==> flow/design.v <==
module ex_add_core_stage #(
  parameter DATA_WIDTH = 14,
  parameter GUARD = 2
) (
  input  wire clk_i,
  input  wire [DATA_WIDTH-1:0] data,
  input  wire init,
  output wire [DATA_WIDTH+GUARD-1:0] sum
);
  reg [DATA_WIDTH-1:0] data_q;
  reg init_q;
  reg [DATA_WIDTH+GUARD-1:0] acc;
  always @(posedge clk_i) begin
    data_q <= data;
    init_q <= init;
    acc <= init_q ? 0 : acc + data_q;
  end
  assign sum = acc;
endmodule
# From RTL to reports: ex_add_core_stage
# What the tools print for ex_add_core_stage, step after step.
# Lines are those of the file above, counted from 1.
# Library cell names are shortened.
inputs:
  top_module: "ex_add_core_stage"
  clock: "clk_i"
  cell_library: "sky130hd"
  pvt_corner: "tt_025C_1v80"

# After elaboration
# Source: Yosys, flattened and elaborated, memories not mapped. Widths are those after wreduce; folded enables and synchronous resets count as part of the registers. Registers that Yosys merges into a memory's read port (data or address) are not register bits. Print and check cells do not count. Equal cells are merged and count once.
bits:
  reg_bits: 31
  latch_bits: 0
  ramBits: 0
  rom_bits: 0
  clocked_rd_ports_x_width: 0
  mem_count: 0
  output_inout_bits: 16
  elab_cells: 4
classes:
  addsub: 1
  multipliers: 0
  div: 0
  compare: 0
  n_eq: 0
  shifts: 0
  mux: 0
  bitwise: 0
  reduce_and_logical: 0
ops:
  columns: ["op", "n"]
  rows:
  - ["adder 16 x 14 -> 16 bit", 1]

# Longest topological paths
# Yosys ltp: most cells in a row. Word level: on the elaborated netlist, between registers, memories and ports. Mapped: between sequential cells and ports; inverters and the memories' decode and read muxes count.
depth:
  ltp_word: 1
  ABC_AREA: 0
  ltp_mapped: 7
  mapped_depth_nobuf: 7

# Netlist
# Yosys stat after the flow's synthesis: flattened, memories mapped to cells. It holds for the ABC_AREA given above (unset counts as 0); a run with the other value may have another netlist.
# The area totals of this step are shown rounded.
by_type:
  columns: ["cell_type", "n", "area_total_um2"]
  rows:
  - ["dfxtp_1", 31, 620.595]
  - ["ha_1", 14, 175.168]
  - ["a21o_1", 9, 67.565]
  - ["nor2_1", 14, 52.55]
  - ["o21a_1", 7, 52.55]
  - ["nor2b_1", 7, 43.792]
  - ["nor3_1", 7, 35.034]
  - ["mux2_2", 3, 33.782]
  - ["a21oi_1", 6, 30.029]
  - ["nand2_1", 7, 26.275]
  - ["xor2_1", 3, 26.275]
  - ["fa_1", 1, 20.019]
  - ["a31oi_1", 3, 18.768]
  - ["and4_1", 2, 17.517]
  - ["xnor2_1", 2, 17.517]
  - ["a211oi_1", 2, 15.014]
  - ["a221oi_2", 1, 15.014]
  - ["mux2_4", 1, 15.014]
# Not listed: further types 25, cells in them 32.
mapped:
  cells: 152
  synth_area_um2: 1500
  ffs: 31

# Path before layout
# Source: OpenSTA report_checks on the synthesized netlist (no wires, ideal clock, input and output delay 20% of the period each), path of least setup slack; recovery checks are left aside. Register names are those of the netlist, which keeps one name where synthesis merged equal registers.
synth_path:
  path_type: "register -> register"
  startpoint: "reg acc[0]"
  endpoint: "reg acc[10]"
  period_ps: 2790
  launch_ps: 0
  arrival_time_ps: 2112
  setup_slack_ps: 558
  delay_ps: 2233
  stages: 8
  synth_period_reached_ps: 2232
# "delay_ps" is the arrival time less input delay plus setup time.
# "stages" counts driving pins, that of a launching flip-flop among them; a cell with two outputs on the path counts twice.
# "synth_period_reached_ps" is the clock period less the worst setup slack; recovery checks do not enter. This is arithmetic on one report: input and output delays are still those of the set period (20% each).
# Between the ends stands the longest chain of elaborated cells between them, by number of cells; it is not shown to be the way that was timed. Of several equally long chains one is given.
# A line is the first line of the expression or statement that the cell stems from. Yosys adds cells for indexed reads and writes and turns some case tables into memories.
synth_via:
  path_cell_list: "dfxtp_1 -> ha_1 -> fa_1 -> a211oi_2 -> o21ai_1 -> a31o_2 -> a31oi_1 -> mux2_2"
  elab_chain_cells: 1
synth_lines:
  columns: ["element", "line", "rtl"]
  rows:
  - ["from (decl)", 12, "reg [DATA_WIDTH+GUARD-1:0] acc;"]
  - ["from (assign)", 16, "acc <= init_q ? 0 : acc + data_q;"]
  - ["adder 16 x 14 -> 16 bit", 16, null]
  - ["to (assign)", 16, null]
  - ["to (decl)", 12, null]

# Worst path after layout
# From the final timing report of job 1: the path of least setup slack in the routed layout; clock arrival at registers is part of the times.
# The path's times are printed in steps of 10 ps; the period is the one set.
layout_path:
  path_type: "register -> register"
  startpoint: "reg acc[0]"
  endpoint: "reg acc[10]"
  period_ps: 4140
  launch_ps: 330
  arrival_time_ps: 2650
  setup_slack_ps: 1720
  stages: 8
# Between the ends stands the longest chain of elaborated cells between them, by number of cells; it is not shown to be the way that was timed. Of several equally long chains one is given.
layout_via:
  path_cell_list: "dfxtp_1 -> ha_1 -> fa_1 -> a211oi_2 -> o21ai_1 -> a31o_2 -> a31oi_1 -> mux2_2"
  elab_chain_cells: 1
layout_lines:
  columns: ["element", "line", "rtl"]
  rows:
  - ["from (decl)", 12, "reg [DATA_WIDTH+GUARD-1:0] acc;"]
  - ["from (assign)", 16, "acc <= init_q ? 0 : acc + data_q;"]
  - ["adder 16 x 14 -> 16 bit", 16, null]
  - ["to (assign)", 16, null]
  - ["to (decl)", 12, null]

# 3 stored runs of ex_add_core_stage in the flow (synthesis by Yosys, layout by OpenROAD, sky130hd cells), in arbitrary order. Constraints: input delay and output delay 20% of the set period each, output load 0.01 pF.
# "critical_path_time_ps" is the time allowed to the run's worst setup path (the clock period less input and output delay, where it has them) less its slack. Clock arrival times count: a late capture clock shortens it, a late launch clock lengthens it.
# By "totalPower_uw" is meant OpenSTA's value without simulated activity: inputs other than the clock are taken to toggle once in ten clock periods, and the tool carries that through the logic.
# "critical_path_time_ps" is known to 10 ps.
# Results are given in rounded form.
runs:
  - name: "job 1"
    settings:
      period_ns: 4.14
      CORE_UTILIZATION: 66
      HOLD_SLACK_MARGIN: -0.03
      TNS_END_PERCENT: 70
      CTS_CLUSTER_DIAMETER: 262
      CAP_MARGIN: 20
      CORE_MARGIN: 2
      SLEW_MARGIN: 20
    results:
      critical_path_time_ps: 2420
      critical_path_kind: "register -> register"
      ws_hold_ps: 566
      timing.setup.ws_ps: 1720
      die_footprint_um2: 2670
      finalUtil_pct: 86.6
      synth_area_um2: 1500
      totalPower_uw: 1300
  - name: "job 2"
    settings:
      period_ns: 2.79
      CAP_MARGIN: 20
      CORE_MARGIN: 2
      CORE_UTILIZATION: 40
      SLEW_MARGIN: 20
    results:
      critical_path_time_ps: 2360
      critical_path_kind: "register -> register"
      ws_hold_ps: 552
      timing.setup.ws_ps: 433
      die_footprint_um2: 4260
      finalUtil_pct: 54.2
      synth_area_um2: 1500
      totalPower_uw: 2060
  - name: "job 3"
    settings:
      period_ns: 1.64
      CORE_UTILIZATION: 30
      SETUP_SLACK_MARGIN: 0.11
      PLACE_DENSITY_LB_ADDON: 0.11
      CORE_ASPECT_RATIO: 1.03
      CELL_PAD_IN_SITES_GLOBAL_PLACEMENT: 3
      GPL_TIMING_DRIVEN: 1
      CTS_CLUSTER_DIAMETER: 213
      CAP_MARGIN: 20
      CORE_MARGIN: 2
      SLEW_MARGIN: 20
    results:
      critical_path_time_ps: 2070
      critical_path_kind: "register -> register"
      ws_hold_ps: 482
      timing.setup.ws_ps: -430
      die_footprint_um2: 5590
      finalUtil_pct: 54.1
      synth_area_um2: 1500
      totalPower_uw: 4560
